==> flow/design.v <==
module switch_rtl #(
   parameter XLEN = 2,
   parameter NUM = 20
) (
   input  core_clk,
   input  reset,
   input  [NUM*XLEN-1:0] bus_in,
   input  [NUM-1:0] idx_in,
   output [XLEN-1:0] o_out
);
   reg [NUM*XLEN-1:0] bus_q;
   reg [NUM-1:0] idx_q;
   reg [XLEN-1:0] tmp;
   integer k;
   always @* begin
      tmp = 0;
      for (k = 0; k < NUM; k = k + 1)
         tmp = tmp | (bus_q[k*XLEN +: XLEN] & {XLEN{idx_q[k]}});
   end
   assign o_out = tmp;
   always @(posedge core_clk) begin
      if (reset) begin
         bus_q <= 0;
         idx_q <= 0;
      end else begin
         bus_q <= bus_in;
         idx_q <= idx_in;
      end
   end
endmodule
### Tool chain data of switch_rtl

A sweep over "XLEN": the same steps for each member of the family.
The RTL above is that of XLEN=2; lines are counted from 1 in the file of the member named.
A cell with n/a has no value.

* top: switch_rtl
* clock input: core_clk
* standard-cell library: sky130hd
* library corner: tt_025C_1v80

### Source of the members

New or changed lines of each further member against the RTL above, in its own file; lines it lacks are not shown.

Lines new or changed
* XLEN 3: line 2 `parameter XLEN = 3,`
* XLEN 6: line 2 `parameter XLEN = 6,`
* XLEN 12: line 2 `parameter XLEN = 12,`
* XLEN 20: line 2 `parameter XLEN = 20,`

### After elaboration

Yosys after proc, flatten, opt, wreduce and memory -nomap, before mapping. Enables and synchronous resets that opt folds into registers are not counted as muxes. Memory bits, and registers merged into a memory's read port (data or address), are not among the register bits. Print and check cells are not counted. Equal cells are merged and count once.

Storage and ports
* XLEN 2: register bits after elaboration 60, input port bits 62, output and inout bits 2, cells after elaboration 41
* XLEN 3: register bits after elaboration 80, input port bits 82, output and inout bits 3, cells after elaboration 41
* XLEN 6: register bits after elaboration 140, input port bits 142, output and inout bits 6, cells after elaboration 41
* XLEN 12: register bits after elaboration 260, input port bits 262, output and inout bits 12, cells after elaboration 41
* XLEN 20: register bits after elaboration 420, input port bits 422, output and inout bits 20, cells after elaboration 41

Cells by class (bitwise logic cells)
* XLEN 2: 39
* XLEN 3: 39
* XLEN 6: 39
* XLEN 12: 39
* XLEN 20: 39

Operators by type and width (kind and count)
* XLEN 2: 20 x 2-bit bitwise AND; 19 x 2-bit bitwise OR
* XLEN 3: 20 x 3-bit bitwise AND; 19 x 3-bit bitwise OR
* XLEN 6: 20 x 6-bit bitwise AND; 19 x 6-bit bitwise OR
* XLEN 12: 20 x 12-bit bitwise AND; 19 x 12-bit bitwise OR
* XLEN 20: 20 x 20-bit bitwise AND; 19 x 20-bit bitwise OR

### Logic depth

Longest topological path by Yosys (ltp), each cell counted once; first at word level (registers and memories cut), then after technology mapping (sequential cells cut; the memories' decode and read muxes count).

Depth
* XLEN 2: depth after elaboration 20, ABC_AREA 0, gate-level depth with buffers 4, mapped depth without buffers 4
* XLEN 3: depth after elaboration 20, ABC_AREA 0, gate-level depth with buffers 4, mapped depth without buffers 4
* XLEN 6: depth after elaboration 20, ABC_AREA 0, gate-level depth with buffers 4, mapped depth without buffers 4
* XLEN 12: depth after elaboration 20, ABC_AREA 0, gate-level depth with buffers 5, mapped depth without buffers 4
* XLEN 20: depth after elaboration 20, ABC_AREA 0, gate-level depth with buffers 5, mapped depth without buffers 4

### After synthesis

Source: synth_stat.txt of the flow (Yosys; design flattened, memories mapped). It holds for the ABC_AREA given above (unset counts as 0); a run with the other value may have another netlist.
The area totals of this step are shown rounded.

Synthesis totals
* XLEN 2: cell count 150, synthesis area 1800 um^2, sequential area 1200 um^2, mapped flip-flops 60, buffers 6
* XLEN 3: cell count 204, synthesis area 2450 um^2, sequential area 1600 um^2, mapped flip-flops 80, buffers 8
* XLEN 6: cell count 367, synthesis area 4330 um^2, sequential area 2800 um^2, mapped flip-flops 140, buffers 15
* XLEN 12: cell count 713, synthesis area 8300 um^2, sequential area 5200 um^2, mapped flip-flops 260, buffers 49
* XLEN 20: cell count 1167, synthesis area 13600 um^2, sequential area 8410 um^2, mapped flip-flops 420, buffers 87

Cell types (type and count)
* XLEN 2: 60 x sky130_fd_sc_hd__dfxtp_1; 60 x sky130_fd_sc_hd__nor2b_1; 8 x sky130_fd_sc_hd__a22o_1; 7 x sky130_fd_sc_hd__a221oi_1; 4 x sky130_fd_sc_hd__a22oi_1; 6 x sky130_fd_sc_hd__clkbuf_1; 1 x sky130_fd_sc_hd__a221oi_2; 2 x sky130_fd_sc_hd__and3_1; 2 x sky130_fd_sc_hd__nand4_1
* XLEN 3: 80 x sky130_fd_sc_hd__dfxtp_1; 80 x sky130_fd_sc_hd__nor2b_1; 11 x sky130_fd_sc_hd__a22o_1; 8 x sky130_fd_sc_hd__a221oi_1; 4 x sky130_fd_sc_hd__a221oi_2; 6 x sky130_fd_sc_hd__a22oi_1; 8 x sky130_fd_sc_hd__clkbuf_1; 3 x sky130_fd_sc_hd__and3_1; 3 x sky130_fd_sc_hd__nand4_1; 1 x sky130_fd_sc_hd__a22o_2
* XLEN 6: 140 x sky130_fd_sc_hd__dfxtp_1; 140 x sky130_fd_sc_hd__nor2b_1; 24 x sky130_fd_sc_hd__a221oi_1; 23 x sky130_fd_sc_hd__a22o_1; 12 x sky130_fd_sc_hd__a22oi_1; 10 x sky130_fd_sc_hd__buf_2; 6 x sky130_fd_sc_hd__and3_1; 6 x sky130_fd_sc_hd__nand4_1; 5 x sky130_fd_sc_hd__clkbuf_1; 1 x sky130_fd_sc_hd__a22o_2
* XLEN 12: 260 x sky130_fd_sc_hd__dfxtp_1; 260 x sky130_fd_sc_hd__nor2b_1; 48 x sky130_fd_sc_hd__a22o_1; 43 x sky130_fd_sc_hd__a221oi_1; 24 x sky130_fd_sc_hd__a22oi_1; 31 x sky130_fd_sc_hd__clkbuf_1; 10 x sky130_fd_sc_hd__buf_6; 5 x sky130_fd_sc_hd__a221oi_2; 12 x sky130_fd_sc_hd__and3_1; 12 x sky130_fd_sc_hd__nand4_1; 7 x sky130_fd_sc_hd__buf_2; 1 x sky130_fd_sc_hd__buf_1
* XLEN 20: 420 x sky130_fd_sc_hd__dfxtp_1; 420 x sky130_fd_sc_hd__nor2b_1; 80 x sky130_fd_sc_hd__a22o_1; 67 x sky130_fd_sc_hd__a221oi_1; 40 x sky130_fd_sc_hd__a22oi_1; 18 x sky130_fd_sc_hd__buf_6; 13 x sky130_fd_sc_hd__a221oi_2; 50 x sky130_fd_sc_hd__clkbuf_1; 20 x sky130_fd_sc_hd__and3_1; 20 x sky130_fd_sc_hd__nand4_1; 14 x sky130_fd_sc_hd__buf_2; 4 x sky130_fd_sc_hd__buf_4; 1 x sky130_fd_sc_hd__buf_1

### Timing after synthesis

OpenSTA on the mapped netlist: ideal clock, no wires. The path of least setup slack (recovery checks aside). Input and output delay are each 20% of the period. Register names are those of the netlist, which keeps one name where synthesis merged equal registers.

Path post-synthesis
* XLEN 2: path type register to output, start reg bus_q[1], end out o_out[1], period 1530 ps, path slack 244 ps, stages on the path 5, path delay 980 ps, period reached after synthesis 1286 ps
* XLEN 3: path type register to output, start reg idx_q[1], end out o_out[2], period 1540 ps, path slack 246 ps, stages on the path 5, path delay 986 ps, period reached after synthesis 1294 ps
* XLEN 6: path type register to output, start reg idx_q[0], end out o_out[3], period 1600 ps, path slack 258 ps, stages on the path 5, path delay 1022 ps, period reached after synthesis 1342 ps
* XLEN 12: path type register to output, start reg idx_q[0], end out o_out[8], period 1760 ps, path slack 284 ps, stages on the path 6, path delay 1124 ps, period reached after synthesis 1476 ps
* XLEN 20: path type register to output, start reg idx_q[7], end out o_out[10], period 1760 ps, path slack 283 ps, stages on the path 6, path delay 1125 ps, period reached after synthesis 1477 ps

"path delay" = arrival - input delay + setup time.
A path that ends at an output port has no setup time.
"stages on the path" counts driving pins, that of a launching flip-flop among them; a cell with two outputs on the path counts twice.
"period reached after synthesis" is the clock period less the worst setup slack; recovery checks do not enter. This is arithmetic on one report: input and output delays are still those of the set period (20% each).
Between the ends stands the longest chain of elaborated cells between them, by number of cells; it is not shown to be the way that was timed. Of several equally long chains one is given.
A line is the first line of the expression or statement that the cell stems from. Yosys adds cells for indexed reads and writes and turns some case tables into memories.

Between the ends, post-synthesis, XLEN=2:
* length of the longest elaborated chain: 20

RTL lines, path post-synthesis, XLEN=2
* start, declared: line 11 `reg [NUM*XLEN-1:0] bus_q;`
* start, assigned: line 23 `bus_q <= 0;`
* start, assigned: line 26 `bus_q <= bus_in;`
* 2-bit bitwise AND: line 18 `tmp = tmp | (bus_q[k*XLEN +: XLEN] & {XLEN{idx_q[k]}});`
* 2-bit bitwise OR (19 in a row): line 18
* end, declared: line 9 `output [XLEN-1:0] o_out`

Between the ends, post-synthesis, XLEN=20:
* length of the longest elaborated chain: 14

RTL lines, path post-synthesis, XLEN=20
* start, declared: line 12 `reg [NUM-1:0] idx_q;`
* start, assigned: line 24 `idx_q <= 0;`
* start, assigned: line 27 `idx_q <= idx_in;`
* 20-bit bitwise AND: line 18 `tmp = tmp | (bus_q[k*XLEN +: XLEN] & {XLEN{idx_q[k]}});`
* 20-bit bitwise OR (13 in a row): line 18
* end, declared: line 9 `output [XLEN-1:0] o_out`

### Path in the finished layout

From the final timing report of each member's run: the path of least setup slack in the routed layout; clock arrival at registers is part of the times.
The report prints the path's times to 10 ps; the period is as set.

Path after layout
* XLEN 2: path type register to output, start reg idx_q[6], end out o_out[1], period 1530 ps, path slack -270 ps, stages on the path 6, data arrival time 1500 ps, path buffers 1
* XLEN 3: path type register to output, start reg idx_q[4], end out o_out[2], period 1540 ps, path slack -360 ps, stages on the path 6, data arrival time 1590 ps, path buffers 1
* XLEN 6: path type register to output, start reg idx_q[6], end out o_out[2], period 1600 ps, path slack -660 ps, stages on the path 6, data arrival time 1940 ps, path buffers 1
* XLEN 12: path type register to output, start reg idx_q[3], end out o_out[2], period 1760 ps, path slack -610 ps, stages on the path 8, data arrival time 2020 ps, path buffers 3
* XLEN 20: path type register to output, start reg idx_q[3], end out o_out[2], period 1760 ps, path slack -640 ps, stages on the path 8, data arrival time 2040 ps, path buffers 3

### Layout results

One run of the flow (Yosys, OpenROAD) for each member, with settings and measured results. Input and output delays are each 20% of the period that was set; the output load is 0.01 pF.

* CAP_MARGIN: 20
* CORE_MARGIN: 2
* CORE_UTILIZATION: 40
* SLEW_MARGIN: 20

Settings that differ (period_ns)
* XLEN 2: 1.53
* XLEN 3: 1.54
* XLEN 6: 1.6
* XLEN 12: 1.76
* XLEN 20: 1.76

Final reports
* XLEN 2: Yosys chip area after synthesis 1800 um^2, die area 5050 um^2, area of the standard cells in the finished layout 2780 um^2, final design utilization 63.7%, setup slack of the worst path -273 ps, final setup TNS -526 ps, final worst hold slack 436 ps
* XLEN 3: Yosys chip area after synthesis 2450 um^2, die area 6770 um^2, area of the standard cells in the finished layout 3730 um^2, final design utilization 63.0%, setup slack of the worst path -362 ps, final setup TNS -1030 ps, final worst hold slack 457 ps
* XLEN 6: Yosys chip area after synthesis 4330 um^2, die area 11700 um^2, area of the standard cells in the finished layout 6760 um^2, final design utilization 63.2%, setup slack of the worst path -659 ps, final setup TNS -3530 ps, final worst hold slack 260 ps
* XLEN 12: Yosys chip area after synthesis 8300 um^2, die area 21900 um^2, area of the standard cells in the finished layout 12800 um^2, final design utilization 62.8%, setup slack of the worst path -611 ps, final setup TNS -6690 ps, final worst hold slack 331 ps
* XLEN 20: Yosys chip area after synthesis 13600 um^2, die area 35400 um^2, area of the standard cells in the finished layout 21100 um^2, final design utilization 63.1%, setup slack of the worst path -636 ps, final setup TNS -11700 ps, final worst hold slack 241 ps

The measured numbers are rounded.
